==> flow/design.v <==
module add_unit_top #(
    parameter integer DW = 32,
    parameter integer NIN = 12,
    parameter integer SUM_W = DW + $clog2(NIN)
) (
    input logic aclk,
    input logic [NIN*DW-1:0] bus,
    output logic [SUM_W-1:0] o
);
    logic [NIN*DW-1:0] bus_reg;
    always_ff @(posedge aclk)
        bus_reg <= bus;
    logic [SUM_W-1:0] work;
    always_comb begin
        work = 0;
        for (int n = 0; n < NIN; n++)
            work = work + bus_reg[n*DW +: DW];
    end
    assign o = work;
endmodule
* Step by step through the tools: add_unit_top
The steps from the RTL of add_unit_top to its reports follow in flow order.
Line numbers count from 1 in the design file above.
Operators carry their Yosys type and port widths (W data, S select, Z words).
Library cell names are shortened.
The mark -- stands for no value.
- Design top :: add_unit_top
- Clock input :: aclk
- Library :: sky130hd
- Timing corner :: tt_025C_1v80

* Word level
Yosys after proc, flatten, opt, wreduce and memory -nomap, before mapping. Enables and synchronous resets that opt folds into registers are not counted as muxes. Memory bits, and registers merged into a memory's read port (data or address), are not among the register bits. Print and check cells are not counted. Equal cells are merged and count once.
- Bits in registers :: 384
- Bits of input ports :: 385
- Output and inout bits :: 36
- Elaborated cells :: 12
- $add $sub $neg :: 11
** Operators with widths (number)
- $add A36 B32 Y36 :: 7
- $add A35 B32 Y36 :: 1
- $add A34 B32 Y35 :: 1
- $add A33 B32 Y34 :: 1
- $add A32 B32 Y33 :: 1

* Logic depth
Depth = most cells in a row (Yosys ltp): at word level without a register or memory, in the mapped netlist without a sequential cell, where the memories' decode and read muxes count.
- Depth after elaboration :: 11
- ABC_AREA :: 0
- Mapped depth :: 21
- Mapped depth without buffers :: 21

* After synthesis
The flow's flattened synthesis, as Yosys stat reports it; memories are mapped. The netlist is that of the ABC_AREA named above (0 if unset); the other value can give another one.
The area totals of this step are shown rounded.
** Cells by type
- dfxtp_1 :: number 384, total area 7.69E+03 um2
- fa_1 :: number 317, total area 6.35E+03 um2
- inv_1 :: number 554, total area 2.08E+03 um2
- ha_1 :: number 41, total area 512.992 um2
- a21oi_1 :: number 33, total area 165.158 um2
- a21o_1 :: number 21, total area 157.651 um2
- xnor2_1 :: number 16, total area 140.134 um2
- nand2_1 :: number 31, total area 116.362 um2
- xor2_1 :: number 11, total area 96.342 um2
- nor2_1 :: number 24, total area 90.086 um2
- nand4_1 :: number 9, total area 56.304 um2
- o21ai_0 :: number 11, total area 55.053 um2
- o2111ai_2 :: number 3, total area 45.043 um2
- o21a_1 :: number 5, total area 37.536 um2
- nand3_1 :: number 6, total area 30.029 um2
- o211ai_1 :: number 4, total area 30.029 um2
- o21bai_1 :: number 4, total area 30.029 um2
- a21oi_2 :: number 3, total area 26.275 um2
Other cell types: 33; their cells: 48.
- Cells in the netlist :: 1525
- Mapped area :: 0.0181 mm2
- Sequential area :: 0.00769 mm2
- Flip-flop cells :: 384
- Buffer cells :: 11

* Worst setup path after synthesis
Source: OpenSTA report_checks on the synthesized netlist (no wires, ideal clock, input and output delay 20% of the period each), path of least setup slack; recovery checks are left aside. Register names are those of the netlist, which keeps one name where synthesis merged equal registers.
- Path kind :: reg2out
- Start :: register bus_reg[194]
- End :: output o[26]
- Period :: 7.79 ns
- Output delay :: 1.558 ns
- Time at the first pin :: 0.000 ns
- Arrival :: 4.983 ns
- Required time :: 6.232 ns
- Path slack :: 1.249 ns
- Delay of the path :: 4.983 ns
- Stages :: 20
- Buffers on the path :: 0
- Period reached after synthesis :: 6.541 ns
"delay of the path" is the arrival time less input delay plus setup time.
At an output port there is no setup time.
"stages" counts driving pins, that of a launching flip-flop among them; a cell with two outputs on the path counts twice.
"period reached after synthesis" is the clock period less the worst setup slack; recovery checks do not enter. This is arithmetic on one report: input and output delays are still those of the set period (20% each).
Between the ends stands the longest chain of elaborated cells between them, by number of cells; it is not shown to be the way that was timed. Of several equally long chains one is given.
Each line given opens the expression or statement behind the cell; cells for indexed reads and writes are added by Yosys, which also makes memories of some case tables.
- Cell sequence :: dfxtp_1 -> fa_1 -> inv_1 -> fa_1 -> inv_1 -> fa_1 -> fa_1 -> inv_1 -> fa_1 -> inv_1 -> ha_1 -> inv_1 -> fa_1 -> and2b_1 -> o2111ai_2 -> a31oi_4 -> o2111ai_2 -> a21oi_2 -> mux2i_1 -> a2111oi_2
- Cells in the longest elaborated chain :: 6
- Elaborated cells on any way between the ends :: 6
- Source lines of those cells :: 1
- Classes of those cells :: add/sub: 6
** Ends and longest elaborated chain, after synthesis
- from (decl) :: RTL line 10 : logic [NIN*DW-1:0] bus_reg;
- from (assign) :: RTL line 12 : bus_reg <= bus;
- $add A36 B32 Y36 x6 :: RTL line 17 : work = work + bus_reg[n*DW +: DW];
- to (decl) :: RTL line 8 : output logic [SUM_W-1:0] o

* Timing after layout
Path of least setup slack in the final report of entry A (OpenROAD, finished layout, wires in). Where an end is a register, its clock arrival counts in the times.
- Path kind :: reg2out
- Start :: register bus_reg[102]
- End :: output o[11]
- Period :: 7.79 ns
- Output delay :: 1.56 ns
- Time at the first pin :: 0.56 ns
- Arrival :: 5.98 ns
- Required time :: 6.23 ns
- Path slack :: 0.25 ns
- Stages :: 19
- Buffers on the path :: 1
Between the ends stands the longest chain of elaborated cells between them, by number of cells; it is not shown to be the way that was timed. Of several equally long chains one is given.
- Cell sequence :: dfxtp_1 -> inv_1 -> fa_1 -> inv_1 -> fa_1 -> fa_1 -> fa_1 -> inv_1 -> fa_1 -> inv_1 -> ha_1 -> a21o_1 -> a31o_1 -> or2_2 -> a21o_1 -> a21oi_1 -> o21a_1 -> xnor2_1 -> clkdlybuf4s50_1
- Cells in the longest elaborated chain :: 9
- Elaborated cells on any way between the ends :: 9
- Source lines of those cells :: 1
- Classes of those cells :: add/sub: 9
** Ends and longest elaborated chain, after layout
- from (decl) :: RTL line 10 : logic [NIN*DW-1:0] bus_reg;
- from (assign) :: RTL line 12 : bus_reg <= bus;
- $add A34 B32 Y35 :: RTL line 17 : work = work + bus_reg[n*DW +: DW];
- $add A35 B32 Y36 :: RTL line 17
- $add A36 B32 Y36 x7 :: RTL line 17
- to (decl) :: RTL line 8 : output logic [SUM_W-1:0] o

Data sheet: physical implementation of add_unit_top

2 stored runs of add_unit_top in the flow (synthesis by Yosys, layout by OpenROAD, sky130hd cells), in arbitrary order. Constraints: input delay and output delay 20% of the set period each, output load 0.01 pF.
"clock period reached" means the clock period less the worst setup slack. The figure is calculated, with input and output delays left at 20% of the set period.
"time on the worst setup path" means the part of the period allowed to the worst setup path (the constraints hold back 20% at inputs and 20% at outputs) less its slack; where the path has registers, the arrival times of their clocks count too.
The results are shown rounded.

* Entry A
** Files
==> flow/run.sh <==
#!/bin/bash
# the make line also repeats the synthesis and layout settings of config.mk as NAME=value (left out here)
make -C /OpenROAD-flow-scripts/flow DESIGN_CONFIG=/design/flow/config.mk WORK_HOME=/design/flow/orfs CLKGATE_MAP_FILE= finish
==> flow/config.mk <==
export PLATFORM = sky130hd
export DESIGN_NAME = add_unit_top
export DESIGN_NICKNAME = add_unit_top
export VERILOG_FILES = /design/flow/design.v
export SDC_FILE = /design/flow/constraint.sdc
export NUM_CORES = 4
export LEC_CHECK = 0
export CAP_MARGIN = 20
export CORE_MARGIN = 2
export CORE_UTILIZATION = 40
export SLEW_MARGIN = 20
==> flow/constraint.sdc <==
create_clock -name core_clock -period 7.79 [get_ports {aclk}]
set_input_delay 1.5580 -clock core_clock [delete_from_list [all_inputs] [get_ports {aclk}]]
set_output_delay 1.5580 -clock core_clock [all_outputs]
set_load 0.01 [all_outputs]
** Results
- Chip area in the Yosys report :: 0.0181 mm2
- Setup slack of the critical path :: 0.253 ns
- Time on the worst setup path :: 5.98 ns
- Class of the worst setup path :: reg2out
- Clock period reached :: 7.537 ns
- Utilization of the finished layout :: 0.552
- Final setup TNS :: 0.000 ns
- Overall die area :: 0.0469 mm2

* Entry B
** Files
==> flow/run.sh <==
#!/bin/bash
# the make line also repeats the synthesis and layout settings of config.mk as NAME=value (left out here)
make -C /OpenROAD-flow-scripts/flow DESIGN_CONFIG=/design/flow/config.mk WORK_HOME=/design/flow/orfs CLKGATE_MAP_FILE= finish
==> flow/config.mk <==
export PLATFORM = sky130hd
export DESIGN_NAME = add_unit_top
export DESIGN_NICKNAME = add_unit_top
export VERILOG_FILES = /design/flow/design.v
export SDC_FILE = /design/flow/constraint.sdc
export NUM_CORES = 4
export LEC_CHECK = 0
export ABC_AREA = 1
export CAP_MARGIN = 20
export CELL_PAD_IN_SITES_DETAIL_PLACEMENT = 1
export CORE_MARGIN = 2
export CORE_UTILIZATION = 28
export CTS_CLUSTER_DIAMETER = 53
export CTS_CLUSTER_SIZE = 26
export MIN_ROUTING_LAYER = met1
export PLACE_DENSITY_LB_ADDON = 0.16
export SLEW_MARGIN = 20
export TNS_END_PERCENT = 50
==> flow/constraint.sdc <==
create_clock -name core_clock -period 5.49 [get_ports {aclk}]
set_input_delay 1.0980 -clock core_clock [delete_from_list [all_inputs] [get_ports {aclk}]]
set_output_delay 1.0980 -clock core_clock [all_outputs]
set_load 0.01 [all_outputs]
** Results
- Chip area in the Yosys report :: 0.0187 mm2
- Setup slack of the critical path :: -0.737 ns
- Time on the worst setup path :: 5.13 ns
- Class of the worst setup path :: reg2out
- Clock period reached :: 6.227 ns
- Utilization of the finished layout :: 0.411
- Final setup TNS :: -19.0 ns
- Overall die area :: 0.0688 mm2
